==> flow/design.v <==
module cmp_unit_blk #(
    parameter int W = 96
) (
    input logic core_clk,
    input logic clr,
    input logic [W-1:0] lhs_in,
    input logic [W-1:0] rhs_in,
    output logic a_lt_b_out,
    output logic is_eq_out,
    output logic gt_out
);
    always_ff @(posedge core_clk or posedge clr) begin
        if (clr) begin
            a_lt_b_out <= 1'b0;
            is_eq_out <= 1'b0;
            gt_out <= 1'b0;
        end else begin
            a_lt_b_out <= (lhs_in < rhs_in);
            is_eq_out <= (lhs_in == rhs_in);
            gt_out <= (lhs_in > rhs_in);
        end
    end
endmodule
## From RTL to reports: cmp_unit_blk

What the tools print for cmp_unit_blk, step after step.
Lines are those of the file above, counted from 1.
Operators carry their Yosys type and port widths (W data, S select, Z words).
Library cell names are shortened.
The mark -- stands for no value.

- Design top: cmp_unit_blk
- Clock input: core_clk
- Cell library: sky130hd
- Timing corner: tt_025C_1v80

## Word-level counts

Source: Yosys, flattened and elaborated, memories not mapped. Widths are those after wreduce; folded enables and synchronous resets count as part of the registers. Registers that Yosys merges into a memory's read port (data or address) are not register bits. Print and check cells do not count. Equal cells are merged and count once.

- Bits in registers: 3
- Input bits: 194
- Output and inout bits: 3
- Elaborated cells: 6

- $lt $le $gt $ge: 2
- Equality and inequality tests: 1

Operator list:

| cell | count |
|---|---|
| $gt A96 B96 Y1 | 1 |
| $lt A96 B96 Y1 | 1 |
| $eq A96 B96 Y1 | 1 |

## Logic depth

Depth = most cells in a row (Yosys ltp): at word level without a register or memory, in the mapped netlist without a sequential cell, where the memories' decode and read muxes count.

- Depth after elaboration: 1
- ABC_AREA: 1
- Depth in mapped cells: 16
- Depth with buffers taken out: 16

## Mapped cells and area

The flow's flattened synthesis, as Yosys stat reports it; memories are mapped. The netlist is that of the ABC_AREA named above (0 if unset); the other value can give another one.

- Cell count: 430
- Chip area (Yosys): 2722.6 µm²
- Flip-flops: 3

Cell types:

| cell | count | total area (µm²) |
|---|---|---|
| ha_1 | 96 | 1.2E+03 |
| inv_1 | 119 | 446.678 |
| nand2_1 | 100 | 375.36 |
| a21oi_1 | 41 | 205.197 |
| nor2_1 | 21 | 78.826 |
| dfrtp_1 | 3 | 75.072 |
| nand4_1 | 6 | 37.536 |
| nor2_2 | 6 | 37.536 |
| o21a_1 | 5 | 37.536 |
| nor2_4 | 3 | 33.782 |
| a21o_1 | 4 | 30.029 |
| nand3_1 | 6 | 30.029 |
| nand4_2 | 2 | 25.024 |
| o21ai_0 | 4 | 20.019 |
| o21ai_1 | 4 | 20.019 |
| nor3b_2 | 1 | 12.512 |
| inv_2 | 3 | 11.261 |
| nand3_2 | 1 | 10.01 |

Other cell types: 5; their cells: 5.

## Worst setup path after synthesis

OpenSTA on the mapped netlist: ideal clock, no wires. The path of least setup slack (recovery checks aside). Input and output delay are each 20% of the period. Register names are those of the netlist, which keeps one name where synthesis merged equal registers.

- Path type: input port to flip-flop
- Start point: input port rhs_in[87]
- End point: register gt_out
- Clock period: 2500 ps
- External input delay: 500 ps
- Library setup time: 69 ps
- Launch time at the first pin: 500 ps
- Data arrival time: 1620 ps
- Path slack: 812 ps
- Delay of the path: 1189 ps
- Driving pins on the path: 12
- Synthesis period reached: 1688 ps

"delay of the path" = arrival - input delay + setup time.
"driving pins on the path": output pins that drive a net of the path, with the launching flip-flop's if there is one; two outputs of one cell count as two.
"synthesis period reached" is the clock period less the worst setup slack; recovery checks do not enter. This is arithmetic on one report: input and output delays are still those of the set period (20% each).
Between the ends stands the longest chain of elaborated cells between them, by number of cells; it is not shown to be the way that was timed. Of several equally long chains one is given.
Each line given opens the expression or statement behind the cell; cells for indexed reads and writes are added by Yosys, which also makes memories of some case tables.

- Path through: inv_1 -> ha_1 -> nand2_1 -> nor2_2 -> inv_2 -> nor2_4 -> nand2_2 -> nor2_4 -> nand4_2 -> a21oi_2 -> nor2_1 -> nor2_2
- Length of the longest elaborated chain: 1

RTL lines, path post-synthesis:

| item | line | source |
|---|---|---|
| from (decl) | 7 | `input logic [W-1:0] rhs_in,` |
| $gt A96 B96 Y1 | 20 | `gt_out <= (lhs_in > rhs_in);` |
| to (assign) | 16 | `gt_out <= 1'b0;` |
| to (assign) | 20 |  |
| to (decl) | 10 | `output logic gt_out` |

## Timing after layout

From the final timing report of record 1: the path of least setup slack in the routed layout; clock arrival at registers is part of the times.
The path's times are printed in steps of 10 ps; the period is the one set.

- Path type: input port to flip-flop
- Start point: input port lhs_in[17]
- End point: register gt_out
- Clock period: 1360 ps
- External input delay: 270 ps
- Library setup time: 70 ps
- Launch time at the first pin: 270 ps
- Data arrival time: 1570 ps
- Path slack: -50 ps
- Driving pins on the path: 9

Between the ends stands the longest chain of elaborated cells between them, by number of cells; it is not shown to be the way that was timed. Of several equally long chains one is given.

- Path through: clkdlybuf4s15_1 -> ha_4 -> buf_4 -> nand4_1 -> nor3b_4 -> nand2_1 -> a21oi_2 -> nor2_2 -> nor2_2
- Length of the longest elaborated chain: 1

RTL lines, path after layout:

| item | line | source |
|---|---|---|
| from (decl) | 6 | `input logic [W-1:0] lhs_in,` |
| $gt A96 B96 Y1 | 20 | `gt_out <= (lhs_in > rhs_in);` |
| to (assign) | 16 | `gt_out <= 1'b0;` |
| to (assign) | 20 |  |
| to (decl) | 10 | `output logic gt_out` |

==> results <==
Settings and measured results of 3 stored flow runs for module cmp_unit_blk (sky130hd), not sorted in any way. The constraints put input and output delay at 20% of the set period each and load the outputs with 0.01 pF.
"period reached": clock period set for the run, less the worst setup slack. It is reckoned from that one timing run; input and output delays stay at 20% of the period that was set.
By "time used up by the worst setup path" is meant the share of the clock period that the worst setup path is allowed (20% is reserved at inputs, 20% at outputs), minus its slack. Clock arrival times at its registers enter into it.
By "power consumption" is meant OpenSTA's value without simulated activity: inputs other than the clock are taken to toggle once in ten clock periods, and the tool carries that through the logic.
"time used up by the worst setup path" is known to 10 ps.

### Record 1

Settings: `period_ns=1.36`, `CORE_UTILIZATION=17`, `PLACE_DENSITY_LB_ADDON=0.02`, `CELL_PAD_IN_SITES_DETAIL_PLACEMENT=1`, `ABC_AREA=1`, `GPL_ROUTABILITY_DRIVEN=0`, `CTS_CLUSTER_DIAMETER=258`, `MIN_ROUTING_LAYER=met1`, `CAP_MARGIN=20`, `CORE_MARGIN=2`, `SLEW_MARGIN=20`

- Standard-cell area after routing: 6138.4 µm²
- Time used up by the worst setup path: 1140 ps
- Kind of the worst setup path: input port to flip-flop
- Period reached: 1408 ps
- Die outline area: 17043.3 µm²
- Power consumption: 2.373 mW
- Setup slack of the worst path: -48 ps
- Total negative slack: -79 ps
- Post-route utilization: 0.389
- Area of the synthesized netlist: 2722.6 µm²

### Record 2

Settings: `period_ns=2.74`, `CORE_UTILIZATION=33`, `SETUP_SLACK_MARGIN=0.49`, `PLACE_DENSITY_LB_ADDON=0.14`, `CORE_ASPECT_RATIO=0.95`, `CELL_PAD_IN_SITES_GLOBAL_PLACEMENT=0`, `CELL_PAD_IN_SITES_DETAIL_PLACEMENT=0`, `TNS_END_PERCENT=55`, `ABC_AREA=0`, `CTS_CLUSTER_SIZE=39`, `CAP_MARGIN=25`, `SLEW_MARGIN=20`, `MAX_ROUTING_LAYER=met5`, `CORE_MARGIN=2`

- Standard-cell area after routing: 5845.6 µm²
- Time used up by the worst setup path: 1650 ps
- Kind of the worst setup path: input port to flip-flop
- Period reached: 2200 ps
- Die outline area: 8398.8 µm²
- Power consumption: 0.9498 mW
- Setup slack of the worst path: 540 ps
- Total negative slack: 0 ps
- Post-route utilization: 0.777
- Area of the synthesized netlist: 2534.9 µm²

### Record 3

Settings: `period_ns=2.5`, `CAP_MARGIN=20`, `CORE_MARGIN=2`, `CORE_UTILIZATION=40`, `SLEW_MARGIN=20`

- Standard-cell area after routing: 4852.1 µm²
- Time used up by the worst setup path: 1910 ps
- Kind of the worst setup path: input port to flip-flop
- Period reached: 2407 ps
- Die outline area: 6989.8 µm²
- Power consumption: 0.9089 mW
- Setup slack of the worst path: 93 ps
- Total negative slack: 0 ps
- Post-route utilization: 0.777
- Area of the synthesized netlist: 2534.9 µm²
